==> flow/design.v <==
module u_arith_add_stage (aclk, valid, bus, init, q);
  parameter integer DATA_W = 12;
  parameter integer EXT = 4;
  input aclk;
  input valid;
  input [DATA_W-1:0] bus;
  input init;
  output [DATA_W+EXT-1:0] q;
  reg [DATA_W-1:0] bus_q;
  reg init_q;
  reg [DATA_W+EXT-1:0] state;
  assign q = state;
  always @(posedge aclk) begin
    if (valid) begin
      bus_q <= bus;
      init_q <= init;
      state <= init_q ? bus_q : state + bus_q;
    end
  end
endmodule
# From RTL to reports: u_arith_add_stage
# The steps from the RTL of u_arith_add_stage to its reports follow in flow order.
# Lines are those of the file above, counted from 1.
# Operators carry their Yosys type and port widths (W data, S select, Z words).
design:
  design: "u_arith_add_stage"
  clock: "aclk"
  lib: "sky130hd"
  pvt_corner: "tt_025C_1v80"

# Word-level counts
# Source: Yosys, flattened and elaborated, memories not mapped. Widths are those after wreduce; folded enables and synchronous resets count as part of the registers. Registers that Yosys merges into a memory's read port (data or address) are not register bits. Print and check cells do not count. Equal cells are merged and count once.
op_classes:
  add_sub_neg: 1
  n_mux: 1
ops:
  columns: ["op", "count"]
  rows:
  - ["$add A16 B12 Y16", 1]
  - ["$mux W12", 1]
word_totals:
  ff_bits: 29
  word_cells: 6

# Longest topological paths
# Depth = most cells in a row (Yosys ltp): at word level without a register or memory, in the mapped netlist without a sequential cell, where the memories' decode and read muxes count.
logic_depth:
  ltp_word: 2
  ABC_AREA: 0
  mapped_depth: 8
  ltp_nobuf: 8

# After synthesis
# Yosys stat after the flow's synthesis: flattened, memories mapped to cells. It holds for the ABC_AREA given above (unset counts as 0); a run with the other value may have another netlist.
# Totals and module areas in this step are rounded.
synth_totals:
  cell_count: 145
  yosys_area_um2: 1652
  seq_area_um2: 870.8
  ff_cells: 29
  buffers: 3
by_type:
  columns: ["cell", "count", "type_area_um2"]
  rows:
  - ["sky130_fd_sc_hd__edfxtp_1", 29, 870.835]
  - ["sky130_fd_sc_hd__ha_1", 12, 150.144]
  - ["sky130_fd_sc_hd__a21oi_1", 13, 65.062]
  - ["sky130_fd_sc_hd__nand2_1", 16, 60.058]
  - ["sky130_fd_sc_hd__xor2_1", 5, 43.792]
  - ["sky130_fd_sc_hd__nor2_1", 11, 41.29]
  - ["sky130_fd_sc_hd__o21ai_1", 8, 40.038]
  - ["sky130_fd_sc_hd__xnor2_1", 4, 35.034]
  - ["sky130_fd_sc_hd__o21ai_0", 6, 30.029]
  - ["sky130_fd_sc_hd__nor2b_1", 4, 25.024]
  - ["sky130_fd_sc_hd__mux2_1", 2, 22.522]
  - ["sky130_fd_sc_hd__mux2_2", 2, 22.522]
  - ["sky130_fd_sc_hd__fa_1", 1, 20.019]
  - ["sky130_fd_sc_hd__a2111oi_2", 1, 15.014]
  - ["sky130_fd_sc_hd__a21o_1", 2, 15.014]
  - ["sky130_fd_sc_hd__inv_1", 4, 15.014]
  - ["sky130_fd_sc_hd__nand3_1", 3, 15.014]
  - ["sky130_fd_sc_hd__o21a_1", 2, 15.014]
# Other cell types: 16; their cells: 20.

# Timing after synthesis
# Path of least setup slack by OpenSTA after synthesis, without wires, with an ideal clock, recovery checks aside; 20% of the period is set as input and as output delay. Where synthesis merged equal registers, the netlist keeps one of their names.
synth_timing:
  kind: "register -> register"
  startpoint: "register state[0]"
  endpoint: "register state[8]"
  clock_period_ns: 3.04
  setup_time_ns: 0.265
  t_first_pin_ns: 0.000
  arrival_ns: 2.164
  path_slack_ns: 0.611
  path_delay_ns: 2.429
  driving_pins: 9
  n_path_buf: 0
  period_less_setup_slack_ns: 2.429
# "path_delay_ns" = arrival - input delay + setup time.
# "driving_pins" counts driving pins, that of a launching flip-flop among them; a cell with two outputs on the path counts twice.
# "period_less_setup_slack_ns" is the clock period less the worst setup slack; recovery checks do not enter. This is arithmetic on one report: input and output delays are still those of the set period (20% each).
# The rows between start and end are the longest chain of elaborated cells between them; the timing report does not say that the signal goes this way. Where chains are equally long, one stands for them.
# Each line given opens the expression or statement behind the cell; cells for indexed reads and writes are added by Yosys, which also makes memories of some case tables.
synth_via:
  path_cell_list: "sky130_fd_sc_hd__edfxtp_1 -> sky130_fd_sc_hd__ha_1 -> sky130_fd_sc_hd__fa_1 -> sky130_fd_sc_hd__a21o_1 -> sky130_fd_sc_hd__a2111oi_2 -> sky130_fd_sc_hd__o21bai_1 -> sky130_fd_sc_hd__a21oi_1 -> sky130_fd_sc_hd__xor2_1 -> sky130_fd_sc_hd__o21ai_1"
  elab_chain_cells: 2
synth_rtl:
  columns: ["element", "line", "source"]
  rows:
  - ["start: declaration", 11, "reg [DATA_W+EXT-1:0] state;"]
  - ["start: assignment", 17, "state <= init_q ? bus_q : state + bus_q;"]
  - ["$add A16 B12 Y16", 17, null]
  - ["$mux W12", 17, null]
  - ["end: assignment", 17, null]
  - ["end: declaration", 11, null]

# Worst path after layout
# From the final timing report of run B: the path of least setup slack in the routed layout; clock arrival at registers is part of the times.
layout_timing:
  kind: "register -> register"
  startpoint: "register state[0]"
  endpoint: "register state[8]"
  clock_period_ns: 2.41
  setup_time_ns: 0.26
  t_first_pin_ns: 0.28
  arrival_ns: 2.36
  path_slack_ns: 0.06
  driving_pins: 9
  n_path_buf: 0
# The rows between start and end are the longest chain of elaborated cells between them; the timing report does not say that the signal goes this way. Where chains are equally long, one stands for them.
layout_via:
  path_cell_list: "sky130_fd_sc_hd__edfxtp_1 -> sky130_fd_sc_hd__ha_2 -> sky130_fd_sc_hd__fa_2 -> sky130_fd_sc_hd__a21o_1 -> sky130_fd_sc_hd__a2111oi_4 -> sky130_fd_sc_hd__o21bai_1 -> sky130_fd_sc_hd__a21oi_1 -> sky130_fd_sc_hd__xor2_1 -> sky130_fd_sc_hd__o21ai_1"
  elab_chain_cells: 2
layout_rtl:
  columns: ["element", "line", "source"]
  rows:
  - ["start: declaration", 11, "reg [DATA_W+EXT-1:0] state;"]
  - ["start: assignment", 17, "state <= init_q ? bus_q : state + bus_q;"]
  - ["$add A16 B12 Y16", 17, null]
  - ["$mux W12", 17, null]
  - ["end: assignment", 17, null]
  - ["end: declaration", 11, null]

# Flow runs of u_arith_add_stage

Settings and measured results of 3 stored flow runs for module u_arith_add_stage (sky130hd), not sorted in any way. The constraints put input and output delay at 20% of the set period each and load the outputs with 0.01 pF.
"period_less_ws_ns" means the clock period less the worst setup slack. The figure is calculated, with input and output delays left at 20% of the set period.
By "critical_path_time_ns" is meant the share of the clock period that the worst setup path is allowed (20% is reserved at inputs, 20% at outputs), minus its slack. Clock arrival times at its registers enter into it.
"power_total_mw": no workload was simulated; the value follows from the tool's default switching activity.
The results are shown rounded.

--- run A ---
==> flow/run.sh <==
#!/bin/bash
# the make line also repeats the synthesis and layout settings of config.mk as NAME=value (left out here)
make -C /OpenROAD-flow-scripts/flow DESIGN_CONFIG=/design/flow/config.mk WORK_HOME=/design/flow/orfs CLKGATE_MAP_FILE= finish
==> flow/config.mk <==
export PLATFORM = sky130hd
export DESIGN_NAME = u_arith_add_stage
export DESIGN_NICKNAME = u_arith_add_stage
export VERILOG_FILES = /design/flow/design.v
export SDC_FILE = /design/flow/constraint.sdc
export NUM_CORES = 4
export LEC_CHECK = 0
export CAP_MARGIN = 0
export CELL_PAD_IN_SITES_GLOBAL_PLACEMENT = 3
export CORE_ASPECT_RATIO = 0.94
export CORE_MARGIN = 3
export CORE_UTILIZATION = 49
export GPL_ROUTABILITY_DRIVEN = 1
export SETUP_SLACK_MARGIN = 0.13
export SLEW_MARGIN = 20
export TNS_END_PERCENT = 45
==> flow/constraint.sdc <==
create_clock -name core_clock -period 1.56 [get_ports {aclk}]
set_input_delay 0.3120 -clock core_clock [delete_from_list [all_inputs] [get_ports {aclk}]]
set_output_delay 0.3120 -clock core_clock [all_outputs]
set_load 0.01 [all_outputs]

==> results, as YAML <==
outcome: "stopped before the end: placement reported GPL-0301"

--- run B ---
==> flow/run.sh <==
#!/bin/bash
# the make line also repeats the synthesis and layout settings of config.mk as NAME=value (left out here)
make -C /OpenROAD-flow-scripts/flow DESIGN_CONFIG=/design/flow/config.mk WORK_HOME=/design/flow/orfs CLKGATE_MAP_FILE= finish
==> flow/config.mk <==
export PLATFORM = sky130hd
export DESIGN_NAME = u_arith_add_stage
export DESIGN_NICKNAME = u_arith_add_stage
export VERILOG_FILES = /design/flow/design.v
export SDC_FILE = /design/flow/constraint.sdc
export NUM_CORES = 4
export LEC_CHECK = 0
export CAP_MARGIN = 20
export CORE_ASPECT_RATIO = 1.23
export CORE_MARGIN = 8
export CORE_UTILIZATION = 31
export GPL_TIMING_DRIVEN = 0
export MAX_ROUTING_LAYER = met4
export MIN_ROUTING_LAYER = met1
export SLEW_MARGIN = 20
==> flow/constraint.sdc <==
create_clock -name core_clock -period 2.41 [get_ports {aclk}]
set_input_delay 0.4820 -clock core_clock [delete_from_list [all_inputs] [get_ports {aclk}]]
set_output_delay 0.4820 -clock core_clock [all_outputs]
set_load 0.01 [all_outputs]

==> results, as YAML <==
results:
  final_cell_area_um2: 2126
  tns_setup_ns: 0.000
  design.die.area_um2: 7932
  ws_setup_ns: 0.060
  post_synth_area_um2: 1652
  power_total_mw: 1.566
  utilization_frac: 0.413
  period_less_ws_ns: 2.350
  final_hold_ws_ns: 0.561
  critical_path_time_ns: 2.35
  worst_path_kind: "register -> register"

--- run C ---
==> flow/run.sh <==
#!/bin/bash
# the make line also repeats the synthesis and layout settings of config.mk as NAME=value (left out here)
make -C /OpenROAD-flow-scripts/flow DESIGN_CONFIG=/design/flow/config.mk WORK_HOME=/design/flow/orfs CLKGATE_MAP_FILE= finish
==> flow/config.mk <==
export PLATFORM = sky130hd
export DESIGN_NAME = u_arith_add_stage
export DESIGN_NICKNAME = u_arith_add_stage
export VERILOG_FILES = /design/flow/design.v
export SDC_FILE = /design/flow/constraint.sdc
export NUM_CORES = 4
export LEC_CHECK = 0
export CAP_MARGIN = 20
export CORE_MARGIN = 2
export CORE_UTILIZATION = 40
export SLEW_MARGIN = 20
==> flow/constraint.sdc <==
create_clock -name core_clock -period 3.04 [get_ports {aclk}]
set_input_delay 0.6080 -clock core_clock [delete_from_list [all_inputs] [get_ports {aclk}]]
set_output_delay 0.6080 -clock core_clock [all_outputs]
set_load 0.01 [all_outputs]

==> results, as YAML <==
results:
  utilization_frac: 0.518
  ws_setup_ns: 0.476
  design.die.area_um2: 4659
  post_synth_area_um2: 1652
  power_total_mw: 1.225
  final_cell_area_um2: 2071
  final_hold_ws_ns: 0.565
  critical_path_time_ns: 2.56
  worst_path_kind: "register -> register"
  period_less_ws_ns: 2.564
  tns_setup_ns: 0.000
